==> flow/design.v <==
module u_add_core #(
   parameter integer DW = 10
) (
   input  logic ck,
   input  logic RSTN,
   input  logic [DW-1:0] arg0,
   input  logic [DW-1:0] arg1,
   input  logic [DW-1:0] arg2,
   output logic [DW+1:0] s
);
   logic [DW-1:0] arg0_r;
   logic [DW-1:0] arg1_r;
   logic [DW-1:0] arg2_r;
   logic [DW:0] tmp_r;
   logic [DW-1:0] arg2_r_d;
   always_ff @(posedge ck) begin
      if (~RSTN) begin
         arg0_r <= '0;
         arg1_r <= '0;
         arg2_r <= '0;
         tmp_r <= '0;
         arg2_r_d <= '0;
         s <= '0;
      end else begin
         arg0_r <= arg0;
         arg1_r <= arg1;
         arg2_r <= arg2;
         tmp_r <= arg0_r + arg1_r;
         arg2_r_d <= arg2_r;
         s <= tmp_r + arg2_r_d;
      end
   end
endmodule
# Tool chain data of u_add_core
# What the tools print for u_add_core, step after step.
# Lines are those of the file above, counted from 1.
# Library cell names are shortened.
# The mark - stands for no value.
# inputs
design	u_add_core
clock	ck
library	sky130hd
pvt_corner	tt_025C_1v80

# After elaboration
# Counts by Yosys on the flattened word-level netlist (proc, flatten, opt, wreduce; memories kept). Register bits leave out memories and registers merged into their read ports (data or address); mux counts leave out enables and synchronous resets folded into registers. Print and check cells are left out. Cells with the same type and inputs are merged into one.
# bits
regBits	63
out_inout_bits	12
elab_cells	8
# classes
add_sub_neg	2
# op_table
op	count
11-bit by 10-bit adder with 12-bit output	1
10-bit by 10-bit adder with 11-bit output	1

# Depth
# Depth = most cells in a row (Yosys ltp): at word level without a register or memory, in the mapped netlist without a sequential cell, where the memories' decode and read muxes count.
# logic_depth
depth_word	1
ABC_AREA	1
mapped_depth	11

# Synthesis result
# Source: synth_stat.txt of the flow (Yosys; design flattened, memories mapped). It holds for the ABC_AREA given above (unset counts as 0); a run with the other value may have another netlist.
# Totals and module areas in this step are rounded.
# by_type
cell	count	type_area_um2
dfxtp_1	63	1261.21
nand2_1	119	446.678
inv_1	77	289.027
ha_1	20	250.24
nor2_1	31	116.362
a21oi_1	16	80.077
nand3_1	13	65.062
fa_1	2	40.038
o21ai_0	7	35.034
a21oi_2	3	26.275
nand2_2	4	25.024
nor2_2	4	25.024
buf_2	4	20.019
nand3_2	2	20.019
nand4_1	3	18.768
clkbuf_1	3	11.261
a21boi_1	1	7.507
nand3b_1	1	7.507
# Not listed: further types 6, cells in them 6.
# synth_totals
stdcells	379
synth_area_um2	2780
ffs	63
buf_cells	7

# Worst setup path after synthesis
# Source: OpenSTA report_checks on the synthesized netlist (no wires, ideal clock, input and output delay 20% of the period each), path of least setup slack; recovery checks are left aside. Register names are those of the netlist, which keeps one name where synthesis merged equal registers.
# synth_path
kind	reg2reg
startpoint	register arg0_r[0]
endpoint	register tmp_r[8]
period_ps	2280
setup_ps	113
t_first_pin_ps	0
arrival_ps	1410
slack_ps	757
delay_ps	1523
path_stages	11
synth_period_reached_ps	1523
# "delay_ps" is the arrival time less input delay plus setup time.
# "path_stages": output pins that drive a net of the path, with the launching flip-flop's if there is one; two outputs of one cell count as two.
# "synth_period_reached_ps" is the clock period less the worst setup slack; recovery checks do not enter. This is arithmetic on one report: input and output delays are still those of the set period (20% each).
# Between the ends stands the longest chain of elaborated cells between them, by number of cells; it is not shown to be the way that was timed. Of several equally long chains one is given.
# A line is the first line of the expression or statement that the cell stems from. Yosys adds cells for indexed reads and writes and turns some case tables into memories.
# synth_between
cell_sequence	dfxtp_1 -> ha_1 -> inv_1 -> fa_1 -> nand3b_1 -> nand2_1 -> nand2_1 -> nand2_1 -> nand2_1 -> nand2_1 -> nor2_1
elab_chain_len	1
# synth_lines
item	line	text
from (decl)	11	logic [DW-1:0] arg0_r;
from (assign)	18	arg0_r <= '0;
from (assign)	25	arg0_r <= arg0;
10-bit by 10-bit adder with 11-bit output	28	tmp_r <= arg0_r + arg1_r;
to (assign)	21	tmp_r <= '0;
to (assign)	28
to (decl)	14	logic [DW:0] tmp_r;

# Worst path after layout
# From the final timing report of run A: the path of least setup slack in the routed layout; clock arrival at registers is part of the times.
# The path's times are printed in steps of 10 ps; the period is the one set.
# layout_path
kind	reg2reg
startpoint	register arg0_r[0]
endpoint	register tmp_r[10]
period_ps	3440
setup_ps	60
t_first_pin_ps	330
arrival_ps	2180
slack_ps	1530
path_stages	12
# Between the ends stands the longest chain of elaborated cells between them, by number of cells; it is not shown to be the way that was timed. Of several equally long chains one is given.
# layout_between
cell_sequence	dfxtp_1 -> ha_1 -> inv_1 -> fa_1 -> nand3b_1 -> nand2_1 -> nand2_1 -> nand2_1 -> nand2_1 -> nand2_1 -> nand2_1 -> inv_1
elab_chain_len	1
# layout_lines
item	line	text
from (decl)	11	logic [DW-1:0] arg0_r;
from (assign)	18	arg0_r <= '0;
from (assign)	25	arg0_r <= arg0;
10-bit by 10-bit adder with 11-bit output	28	tmp_r <= arg0_r + arg1_r;
to (assign)	21	tmp_r <= '0;
to (assign)	28
to (decl)	14	logic [DW:0] tmp_r;

# 3 stored runs of u_add_core in the flow (synthesis by Yosys, layout by OpenROAD, sky130hd cells), in arbitrary order. Constraints: input delay and output delay 20% of the set period each, output load 0.01 pF.
# The results are shown rounded.
# Settings: -- = not set for that run.
run	period_ns	CORE_UTILIZATION	SETUP_SLACK_MARGIN	PLACE_DENSITY_LB_ADDON	HOLD_SLACK_MARGIN	CORE_ASPECT_RATIO	CORE_MARGIN	CELL_PAD_IN_SITES_DETAIL_PLACEMENT	TNS_END_PERCENT	ABC_AREA	GPL_ROUTABILITY_DRIVEN	CTS_CLUSTER_SIZE	CTS_CLUSTER_DIAMETER	CAP_MARGIN	MIN_ROUTING_LAYER	SLEW_MARGIN	worstSetupSlack_ps	layout_utilization_pct	total_die_area_um2	hold_worst_slack_ps	stdcell_area_um2	synthArea_um2	setup_tns_ps
run A	3.44	44	-0.27	0.17	0.15	1.85	2	1	35	1	1	31	334	20	met2	20	1530	58.6	6990	417	3600	2780	0
run B	2.94	69	0.2	0.0	--	--	2	--	100	--	--	--	--	20	met1	20	911	89.6	4190	436	3230	2540	0
run C	2.28	40	--	--	--	--	2	--	--	--	--	--	--	20	--	20	378	52.4	7010	433	3270	2540	0
